==> flow/design.v <==
module alu_mux_n #(
    parameter WIDTH = 2
) (
    input  wire clk_i,
    input  wire aresetn,
    input  wire [WIDTH-1:0] ch_0,
    input  wire [WIDTH-1:0] ch_1,
    input  wire [WIDTH-1:0] ch_2,
    input  wire [WIDTH-1:0] ch_3,
    input  wire [WIDTH-1:0] ch_4,
    input  wire [WIDTH-1:0] ch_5,
    input  wire [WIDTH-1:0] ch_6,
    input  wire [WIDTH-1:0] ch_7,
    input  wire [WIDTH-1:0] ch_8,
    input  wire [WIDTH-1:0] ch_9,
    input  wire [3:0] addr,
    output wire [WIDTH-1:0] z_o
);
    reg [WIDTH-1:0] ch_0_ff;
    reg [WIDTH-1:0] ch_1_ff;
    reg [WIDTH-1:0] ch_2_ff;
    reg [WIDTH-1:0] ch_3_ff;
    reg [WIDTH-1:0] ch_4_ff;
    reg [WIDTH-1:0] ch_5_ff;
    reg [WIDTH-1:0] ch_6_ff;
    reg [WIDTH-1:0] ch_7_ff;
    reg [WIDTH-1:0] ch_8_ff;
    reg [WIDTH-1:0] ch_9_ff;
    reg [3:0] addr_ff;
    reg [WIDTH-1:0] t;
    always @* begin
        if (addr_ff == 0) t = ch_0_ff;
        else if (addr_ff == 1) t = ch_1_ff;
        else if (addr_ff == 2) t = ch_2_ff;
        else if (addr_ff == 3) t = ch_3_ff;
        else if (addr_ff == 4) t = ch_4_ff;
        else if (addr_ff == 5) t = ch_5_ff;
        else if (addr_ff == 6) t = ch_6_ff;
        else if (addr_ff == 7) t = ch_7_ff;
        else if (addr_ff == 8) t = ch_8_ff;
        else t = ch_9_ff;
    end
    reg [WIDTH-1:0] z_o_ff;
    assign z_o = z_o_ff;
    always @(posedge clk_i or negedge aresetn) begin
        if (!aresetn) begin
            ch_0_ff <= 0;
            ch_1_ff <= 0;
            ch_2_ff <= 0;
            ch_3_ff <= 0;
            ch_4_ff <= 0;
            ch_5_ff <= 0;
            ch_6_ff <= 0;
            ch_7_ff <= 0;
            ch_8_ff <= 0;
            ch_9_ff <= 0;
            addr_ff <= 0;
            z_o_ff <= 0;
        end else begin
            ch_0_ff <= ch_0;
            ch_1_ff <= ch_1;
            ch_2_ff <= ch_2;
            ch_3_ff <= ch_3;
            ch_4_ff <= ch_4;
            ch_5_ff <= ch_5;
            ch_6_ff <= ch_6;
            ch_7_ff <= ch_7;
            ch_8_ff <= ch_8;
            ch_9_ff <= ch_9;
            addr_ff <= addr;
            z_o_ff <= t;
        end
    end
endmodule
* From RTL to reports: alu_mux_n
Tool output for the design above, in the order of the flow.
Lines are those of the file above, counted from 1.
Operators: Yosys type, input widths -> output width; for muxes data width and select width s.
Cell names lack the library's common part.
A cell with n/a has no value.
- Top module :: alu_mux_n
- Clock input :: clk_i
- Standard-cell library :: sky130hd
- Corner :: tt_025C_1v80

* Word level
Yosys after proc, flatten, opt, wreduce and memory -nomap, before mapping. Enables and synchronous resets that opt folds into registers are not counted as muxes. Memory bits, and registers merged into a memory's read port (data or address), are not among the register bits. Print and check cells are not counted. Equal cells are merged and count once.
- Register bits after elaboration :: 26
- Cells after elaboration :: 30
- Equal/unequal tests :: 8
- Mux-type cells :: 9
- Reductions and logical operators :: 1
** Operator list (number)
- $mux 2 :: 9
- $eq 4x3->1 const B :: 4
- $eq 4x2->1 const B :: 2
- $eq 4x1->1 const B :: 1
- $eq 4x4->1 const B :: 1
- $logic_not 4->1 :: 1

* Depth
Depth = most cells in a row (Yosys ltp): at word level without a register or memory, in the mapped netlist without a sequential cell, where the memories' decode and read muxes count.
- Depth after elaboration :: 10
- ABC_AREA :: 0
- Mapped depth :: 6
- Depth with buffers taken out :: 5

* Netlist
Source: synth_stat.txt of the flow (Yosys; design flattened, memories mapped). It holds for the ABC_AREA given above (unset counts as 0); a run with the other value may have another netlist.
- Cells in the netlist :: 73
- Mapped area :: 0.0009497 sq mm
- Sequential area :: 0.0006506 sq mm
- Flip-flops :: 26
- Buffers :: 4
** Cells by type
- dfrtp_1 :: number 26, total area 650.624 sq um
- a21oi_1 :: number 5, total area 25.024 sq um
- mux4_2 :: number 1, total area 22.522 sq um
- nor2_1 :: number 6, total area 22.522 sq um
- mux2i_1 :: number 2, total area 20.019 sq um
- buf_4 :: number 2, total area 15.014 sq um
- nand2_1 :: number 4, total area 15.014 sq um
- o21ai_0 :: number 3, total area 15.014 sq um
- a31oi_1 :: number 2, total area 12.512 sq um
- nand2b_1 :: number 2, total area 12.512 sq um
- o22ai_1 :: number 2, total area 12.512 sq um
- or3_1 :: number 2, total area 12.512 sq um
- o32a_2 :: number 1, total area 11.261 sq um
- buf_2 :: number 2, total area 10.01 sq um
- a2111oi_0 :: number 1, total area 8.758 sq um
- o311ai_0 :: number 1, total area 8.758 sq um
- o31a_1 :: number 1, total area 8.758 sq um
- a211oi_1 :: number 1, total area 7.507 sq um
Other cell types: 9; their cells: 9.

* Worst setup path after synthesis
Path of least setup slack by OpenSTA after synthesis, without wires, with an ideal clock, recovery checks aside; 20% of the period is set as input and as output delay. Where synthesis merged equal registers, the netlist keeps one of their names.
- Kind :: register to register
- From :: register addr_ff[1]
- To :: register z_o_ff[1]
- Clock period :: 1700 ps
- Setup time :: 127 ps
- Launch time at the first pin :: 0 ps
- Data arrival time :: 1230 ps
- Path slack :: 343 ps
- Delay of the path :: 1357 ps
- Driving pins on the path :: 5
- Period reached after synthesis :: 1357 ps
"delay of the path" is the arrival time less input delay plus setup time.
"driving pins on the path": output pins that drive a net of the path, with the launching flip-flop's if there is one; two outputs of one cell count as two.
"period reached after synthesis" = period - worst setup slack (recovery checks aside). The figure is calculated, with input and output delays left at 20% of the set period.
Between the ends stands the longest chain of elaborated cells between them, by number of cells; it is not shown to be the way that was timed. Of several equally long chains one is given.
A line is the first line of the expression or statement that the cell stems from. Yosys adds cells for indexed reads and writes and turns some case tables into memories.
- Cell sequence :: dfrtp_1 buf_4 buf_2 mux4_2 o32a_2
- Length of the longest elaborated chain :: 10
** RTL lines, path post-synthesis
- from (decl) :: RTL line 29 : reg [3:0] addr_ff;
- from (assign) :: RTL line 57 : addr_ff <= 0;
- from (assign) :: RTL line 70 : addr_ff <= addr;
- $eq 4x4->1 :: RTL line 40 : else if (addr_ff == 8) t = ch_8_ff;
- $mux 2 :: RTL line 40
- $mux 2 :: RTL line 39 : else if (addr_ff == 7) t = ch_7_ff;
- $mux 2 :: RTL line 38 : else if (addr_ff == 6) t = ch_6_ff;
- $mux 2 :: RTL line 37 : else if (addr_ff == 5) t = ch_5_ff;
- $mux 2 :: RTL line 36 : else if (addr_ff == 4) t = ch_4_ff;
- $mux 2 :: RTL line 35 : else if (addr_ff == 3) t = ch_3_ff;
- $mux 2 :: RTL line 34 : else if (addr_ff == 2) t = ch_2_ff;
- $mux 2 :: RTL line 33 : else if (addr_ff == 1) t = ch_1_ff;
- $mux 2 :: RTL line 32 : if (addr_ff == 0) t = ch_0_ff;
- to (assign) :: RTL line 58 : z_o_ff <= 0;
- to (assign) :: RTL line 71 : z_o_ff <= t;
- to (decl) :: RTL line 43 : reg [WIDTH-1:0] z_o_ff;

* Worst path after layout
From the final timing report of run A: the path of least setup slack in the routed layout; clock arrival at registers is part of the times.
The path's times are printed in steps of 10 ps; the period is the one set.
- Kind :: register to register
- From :: register addr_ff[2]
- To :: register z_o_ff[0]
- Clock period :: 1860 ps
- Setup time :: 70 ps
- Launch time at the first pin :: 270 ps
- Data arrival time :: 1710 ps
- Path slack :: 340 ps
- Driving pins on the path :: 5
Between the ends stands the longest chain of elaborated cells between them, by number of cells; it is not shown to be the way that was timed. Of several equally long chains one is given.
- Cell sequence :: dfrtp_1 nand2b_1 o311ai_0 a31oi_1 o22ai_1
- Length of the longest elaborated chain :: 10
** RTL lines, path after layout
- from (decl) :: RTL line 29 : reg [3:0] addr_ff;
- from (assign) :: RTL line 57 : addr_ff <= 0;
- from (assign) :: RTL line 70 : addr_ff <= addr;
- $eq 4x4->1 :: RTL line 40 : else if (addr_ff == 8) t = ch_8_ff;
- $mux 2 :: RTL line 40
- $mux 2 :: RTL line 39 : else if (addr_ff == 7) t = ch_7_ff;
- $mux 2 :: RTL line 38 : else if (addr_ff == 6) t = ch_6_ff;
- $mux 2 :: RTL line 37 : else if (addr_ff == 5) t = ch_5_ff;
- $mux 2 :: RTL line 36 : else if (addr_ff == 4) t = ch_4_ff;
- $mux 2 :: RTL line 35 : else if (addr_ff == 3) t = ch_3_ff;
- $mux 2 :: RTL line 34 : else if (addr_ff == 2) t = ch_2_ff;
- $mux 2 :: RTL line 33 : else if (addr_ff == 1) t = ch_1_ff;
- $mux 2 :: RTL line 32 : if (addr_ff == 0) t = ch_0_ff;
- to (assign) :: RTL line 58 : z_o_ff <= 0;
- to (assign) :: RTL line 71 : z_o_ff <= t;
- to (decl) :: RTL line 43 : reg [WIDTH-1:0] z_o_ff;

Top module alu_mux_n; platform sky130hd; tools Yosys and OpenROAD; 3 stored runs in no particular order. Input and output delays are each 20% of the period that was set; the output load is 0.01 pF.
"achieved period" = clock period - worst setup slack. The figure is calculated, with input and output delays left at 20% of the set period.
"worst setup path time" is the time allowed to the run's worst setup path (the clock period less input and output delay, where it has them) less its slack. Clock arrival times count: a late capture clock shortens it, a late launch clock lengthens it.
By "total design power" is meant OpenSTA's value without simulated activity: inputs other than the clock are taken to toggle once in ten clock periods, and the tool carries that through the logic.
"worst setup path time" is given in steps of 10 ps.

* Run A
** Files
==> flow/run.sh <==
#!/bin/bash
# the make line also repeats the synthesis and layout settings of config.mk as NAME=value (left out here)
make -C /OpenROAD-flow-scripts/flow DESIGN_CONFIG=/design/flow/config.mk WORK_HOME=/design/flow/orfs CLKGATE_MAP_FILE= finish
==> flow/config.mk <==
export PLATFORM = sky130hd
export DESIGN_NAME = alu_mux_n
export DESIGN_NICKNAME = alu_mux_n
export VERILOG_FILES = /design/flow/design.v
export SDC_FILE = /design/flow/constraint.sdc
export NUM_CORES = 4
export LEC_CHECK = 0
export CAP_MARGIN = 5
export CELL_PAD_IN_SITES_GLOBAL_PLACEMENT = 3
export CORE_ASPECT_RATIO = 1.85
export CORE_MARGIN = 2
export CORE_UTILIZATION = 19
export CTS_CLUSTER_SIZE = 59
export GPL_ROUTABILITY_DRIVEN = 0
export HOLD_SLACK_MARGIN = 0.03
export MAX_ROUTING_LAYER = met5
export PLACE_DENSITY_LB_ADDON = 0.18
export SETUP_SLACK_MARGIN = 0.23
export SLEW_MARGIN = 25
export TNS_END_PERCENT = 65
==> flow/constraint.sdc <==
create_clock -name core_clock -period 1.86 [get_ports {clk_i}]
set_input_delay 0.3720 -clock core_clock [delete_from_list [all_inputs] [get_ports {clk_i}]]
set_output_delay 0.3720 -clock core_clock [all_outputs]
set_load 0.01 [all_outputs]
** Results
- Achieved period :: 1525 ps
- Lowest setup slack :: 335 ps
- Mapped cell area after synthesis :: 0.0009497 sq mm
- Total design power :: 1060 µW
- Total negative slack on setup checks :: 0 ps
- Utilization :: 0.269
- Area of the standard cells in the finished layout :: 0.0013213 sq mm
- Worst setup path time :: 1520 ps
- Class of the worst setup path :: register to register
- Die outline area :: 0.005607 sq mm

* Run B
** Files
==> flow/run.sh <==
#!/bin/bash
# the make line also repeats the synthesis and layout settings of config.mk as NAME=value (left out here)
make -C /OpenROAD-flow-scripts/flow DESIGN_CONFIG=/design/flow/config.mk WORK_HOME=/design/flow/orfs CLKGATE_MAP_FILE= finish
==> flow/config.mk <==
export PLATFORM = sky130hd
export DESIGN_NAME = alu_mux_n
export DESIGN_NICKNAME = alu_mux_n
export VERILOG_FILES = /design/flow/design.v
export SDC_FILE = /design/flow/constraint.sdc
export NUM_CORES = 4
export LEC_CHECK = 0
export CAP_MARGIN = 20
export CORE_MARGIN = 2
export CORE_UTILIZATION = 40
export SLEW_MARGIN = 20
==> flow/constraint.sdc <==
create_clock -name core_clock -period 1.7 [get_ports {clk_i}]
set_input_delay 0.3400 -clock core_clock [delete_from_list [all_inputs] [get_ports {clk_i}]]
set_output_delay 0.3400 -clock core_clock [all_outputs]
set_load 0.01 [all_outputs]
** Results
- Achieved period :: 1536 ps
- Lowest setup slack :: 164 ps
- Mapped cell area after synthesis :: 0.0009497 sq mm
- Total design power :: 1231 µW
- Total negative slack on setup checks :: 0 ps
- Utilization :: 0.582
- Area of the standard cells in the finished layout :: 0.0012988 sq mm
- Worst setup path time :: 1200 ps
- Class of the worst setup path :: register to output
- Die outline area :: 0.0027799 sq mm

* Run C
** Files
==> flow/run.sh <==
#!/bin/bash
# the make line also repeats the synthesis and layout settings of config.mk as NAME=value (left out here)
make -C /OpenROAD-flow-scripts/flow DESIGN_CONFIG=/design/flow/config.mk WORK_HOME=/design/flow/orfs CLKGATE_MAP_FILE= finish
==> flow/config.mk <==
export PLATFORM = sky130hd
export DESIGN_NAME = alu_mux_n
export DESIGN_NICKNAME = alu_mux_n
export VERILOG_FILES = /design/flow/design.v
export SDC_FILE = /design/flow/constraint.sdc
export NUM_CORES = 4
export LEC_CHECK = 0
export CAP_MARGIN = 20
export CELL_PAD_IN_SITES_GLOBAL_PLACEMENT = 2
export CORE_MARGIN = 2
export CORE_UTILIZATION = 25
export CTS_CLUSTER_DIAMETER = 373
export GPL_ROUTABILITY_DRIVEN = 1
export HOLD_SLACK_MARGIN = -0.01
export MIN_ROUTING_LAYER = met1
export PLACE_DENSITY_LB_ADDON = 0.2
export SETUP_SLACK_MARGIN = -0.2
export SLEW_MARGIN = 40
export TNS_END_PERCENT = 15
==> flow/constraint.sdc <==
create_clock -name core_clock -period 2.36 [get_ports {clk_i}]
set_input_delay 0.4720 -clock core_clock [delete_from_list [all_inputs] [get_ports {clk_i}]]
set_output_delay 0.4720 -clock core_clock [all_outputs]
set_load 0.01 [all_outputs]
** Results
- Achieved period :: 1642 ps
- Lowest setup slack :: 718 ps
- Mapped cell area after synthesis :: 0.0009497 sq mm
- Total design power :: 949 µW
- Total negative slack on setup checks :: 0 ps
- Utilization :: 0.364
- Area of the standard cells in the finished layout :: 0.0013338 sq mm
- Worst setup path time :: 1640 ps
- Class of the worst setup path :: register to register
- Die outline area :: 0.0043079 sq mm
